==> flow/design.v <==
module alu_shift_p #(
    parameter int WIDTH = 56,
    parameter int LG = $clog2(WIDTH)
) (
    input  logic clk_i,
    input  logic [WIDTH-1:0] val,
    input  logic [LG-1:0] amt,
    input  logic [1:0] mode,
    output logic [WIDTH-1:0] o
);
    logic [WIDTH-1:0] tmp;
    always_comb begin
        case (mode)
            2'b00: tmp = val << amt;
            2'b01: tmp = val >> amt;
            2'b10: tmp = $signed(val) >>> amt;
            default: tmp = val;
        endcase
    end
    logic [WIDTH-1:0] o_q;
    always_ff @(posedge clk_i) begin
        o_q <= tmp;
    end
    assign o = o_q;
endmodule
; Step by step through the tools: alu_shift_p
; The steps from the RTL of alu_shift_p to its reports follow in flow order.
; Lines are those of the file above, counted from 1.
; Operators carry their Yosys type and port widths (W data, S select, Z words).
; Cell names lack the library's common part.
; Not given: --
[setup]
top = alu_shift_p
clk_port = clk_i
cell_library = sky130hd
corner = tt_025C_1v80

; Elaborated design
; Counts by Yosys on the flattened word-level netlist (proc, flatten, opt, wreduce; memories kept). Register bits leave out memories and registers merged into their read ports (data or address); mux counts leave out enables and synchronous resets folded into registers. Print and check cells are left out. Cells with the same type and inputs are merged into one.
[bits]
output_inout_bits = 56
elab_cells = 8
input_bits = 65
ff_bits = 56
[classes]
shifts = 3
mux = 1
n_eq = 2
reduce_and_logical = 1
[op_table]
columns = operator, n
row1 = $pmux W56 S3, 1
row2 = $shl A56 B6 Y56, 1
row3 = $shr A56 B6 Y56, 1
row4 = $sshr A56 B6 Y56, 1
row5 = $eq A2 B1 Y1 const B, 1
row6 = $eq A2 B2 Y1 const B, 1
row7 = $logic_not A2 Y1, 1

; Depth
; Yosys ltp: most cells in a row. Word level: on the elaborated netlist, between registers, memories and ports. Mapped: between sequential cells and ports; inverters and the memories' decode and read muxes count.
[depth]
ltp_word = 2
abc_area = 1
mapped_depth = 17
depth_no_buf = 15

; Netlist
; The flow's flattened synthesis, as Yosys stat reports it; memories are mapped. The netlist is that of the ABC_AREA named above (0 if unset); the other value can give another one.
[synth_totals]
ffs = 56
cell_count = 1744
sequential_area_mm2 = 0.0011211
yosys_area_mm2 = 0.0088435
buffers = 133
[types]
columns = cell, n, type_area_um2
row1 = nand3_1, 702, 3513.37
row2 = nand2_1, 534, 2E+03
row3 = dfxtp_1, 56, 1.12E+03
row4 = nor2_1, 90, 337.824
row5 = a21oi_1, 52, 260.25
row6 = o21ai_0, 46, 230.221
row7 = buf_2, 39, 195.187
row8 = buf_1, 45, 168.912
row9 = inv_1, 39, 146.39
row10 = clkbuf_1, 33, 123.869
row11 = nand4_1, 17, 106.352
row12 = o211ai_1, 13, 97.594
row13 = buf_4, 12, 90.086
row14 = or2_2, 11, 68.816
row15 = buf_6, 4, 45.043
row16 = o2111ai_1, 5, 43.792
row17 = nand3b_1, 5, 37.536
row18 = a31oi_1, 5, 31.28
; Not listed: further types 14, cells in them 36.

; Worst setup path after synthesis
; OpenSTA on the mapped netlist: ideal clock, no wires. The path of least setup slack (recovery checks aside). Input and output delay are each 20% of the period. Register names are those of the netlist, which keeps one name where synthesis merged equal registers.
[synth_path]
path_type = input to register
from = input amt[1]
to = register o_q[7]
required_ns = 3.056
n_path_buf = 3
arrival_time_ns = 1.844
launch_ns = 0.634
setup_ns = 0.114
path_stages = 13
path_slack_ns = 1.213
in_delay_ns = 0.634
clock_period_ns = 3.17
path_delay_ns = 1.324
synth_period_reached_ns = 1.957
; "path_delay_ns" is the arrival time less input delay plus setup time.
; "path_stages": output pins that drive a net of the path, with the launching flip-flop's if there is one; two outputs of one cell count as two.
; "synth_period_reached_ns" = period - worst setup slack (recovery checks aside). The figure is calculated, with input and output delays left at 20% of the set period.
; Between the ends stands the longest chain of elaborated cells between them, by number of cells; it is not shown to be the way that was timed. Of several equally long chains one is given.
; A line is the first line of the expression or statement that the cell stems from. Yosys adds cells for indexed reads and writes and turns some case tables into memories.
[synth_via]
cell_sequence = buf_2 -> inv_2 -> buf_4 -> buf_2 -> nand3_1 -> nand3_1 -> nand3_1 -> nand2_1 -> nand2_1 -> nand3_1 -> nand3_1 -> o21bai_1 -> inv_1
elab_chain_cells = 2
cells_between = 4
lines_between = 4
classes_between = shift: 3; mux: 1
[synth_lines]
columns = item, line_no
row1 = from (decl), 7  ; input  logic [LG-1:0] amt,
row2 = $sshr A56 B6 Y56, 16  ; 2'b10: tmp = $signed(val) >>> amt;
row3 = $pmux W56 S3, 13  ; case (mode)
row4 = to (assign), 22  ; o_q <= tmp;
row5 = to (decl), 20  ; logic [WIDTH-1:0] o_q;

; Path in the finished layout
; Path of least setup slack in the final report of run 1 (OpenROAD, finished layout, wires in). Where an end is a register, its clock arrival counts in the times.
[layout_path]
path_type = input to register
from = input mode[0]
to = register o_q[4]
path_slack_ns = 0.91
setup_ns = 0.04
clock_period_ns = 4.09
required_ns = 4.38
arrival_time_ns = 3.47
path_stages = 11
in_delay_ns = 0.82
launch_ns = 0.82
n_path_buf = 1
; Between the ends stands the longest chain of elaborated cells between them, by number of cells; it is not shown to be the way that was timed. Of several equally long chains one is given.
[layout_via]
cell_sequence = clkdlybuf4s50_1 -> inv_1 -> nor2_2 -> nor2_2 -> nor2_2 -> inv_1 -> o21ai_0 -> nand2_1 -> nand3b_1 -> nand2_1 -> inv_1
elab_chain_cells = 2
cells_between = 4
lines_between = 1
classes_between = eq/ne: 2; mux: 1; reduce/logical: 1
[layout_lines]
columns = item, line_no
row1 = from (decl), 8  ; input  logic [1:0] mode,
row2 = $eq A2 B2 Y1, 13  ; case (mode)
row3 = $pmux W56 S3, 13
row4 = to (assign), 22  ; o_q <= tmp;
row5 = to (decl), 20  ; logic [WIDTH-1:0] o_q;

; Design alu_shift_p on sky130hd. What follows are 3 stored runs of the flow, each under its own settings; their order means nothing. The constraints put input and output delay at 20% of the set period each and load the outputs with 0.01 pF.
; By "worst_path_ns" is meant the share of the clock period that the worst setup path is allowed (20% is reserved at inputs, 20% at outputs), minus its slack. Clock arrival times at its registers enter into it.
; "design_power_mw" is the tool's figure for a default switching activity; nothing was simulated.

[run 1: settings]
period_ns = 4.09
CORE_UTILIZATION = 18
HOLD_SLACK_MARGIN = -0.06
CELL_PAD_IN_SITES_DETAIL_PLACEMENT = 0
TNS_END_PERCENT = 30
ABC_AREA = 1
GPL_TIMING_DRIVEN = 1
GPL_ROUTABILITY_DRIVEN = 1
CTS_CLUSTER_SIZE = 37
CTS_CLUSTER_DIAMETER = 46
MAX_ROUTING_LAYER = met4
CAP_MARGIN = 20
CORE_MARGIN = 2
SLEW_MARGIN = 20
[run 1: results]
setupTns_ns = 0.000
worst_setup_slack_ns = 0.913
worst_path_ns = 2.36
timing.worst_path_kind = input to register
finish.stdcell_area_mm2 = 0.0106953
die_area_mm2 = 0.0509202
utilization_frac = 0.219
yosys_chip_area_mm2 = 0.0088435
hold_worst_slack_ns = 1.107
design_power_mw = 2.647

[run 2: settings]
period_ns = 3.17
CAP_MARGIN = 20
CORE_MARGIN = 2
CORE_UTILIZATION = 40
SLEW_MARGIN = 20
[run 2: results]
setupTns_ns = -0.067
worst_setup_slack_ns = -0.067
worst_path_ns = 2.60
timing.worst_path_kind = input to register
finish.stdcell_area_mm2 = 0.0136243
die_area_mm2 = 0.0258084
utilization_frac = 0.564
yosys_chip_area_mm2 = 0.0098157
hold_worst_slack_ns = 0.848
design_power_mw = 4.217

[run 3: settings]
period_ns = 4.16
CORE_UTILIZATION = 22
SETUP_SLACK_MARGIN = 0.28
PLACE_DENSITY_LB_ADDON = 0.15
CELL_PAD_IN_SITES_GLOBAL_PLACEMENT = 2
GPL_ROUTABILITY_DRIVEN = 1
SLEW_MARGIN = 25
CAP_MARGIN = 20
CORE_MARGIN = 2
[run 3: results]
setupTns_ns = 0.000
worst_setup_slack_ns = 0.206
worst_path_ns = 3.12
timing.worst_path_kind = input to register
finish.stdcell_area_mm2 = 0.0125858
die_area_mm2 = 0.0463218
utilization_frac = 0.285
yosys_chip_area_mm2 = 0.0098157
hold_worst_slack_ns = 1.063
design_power_mw = 3.057
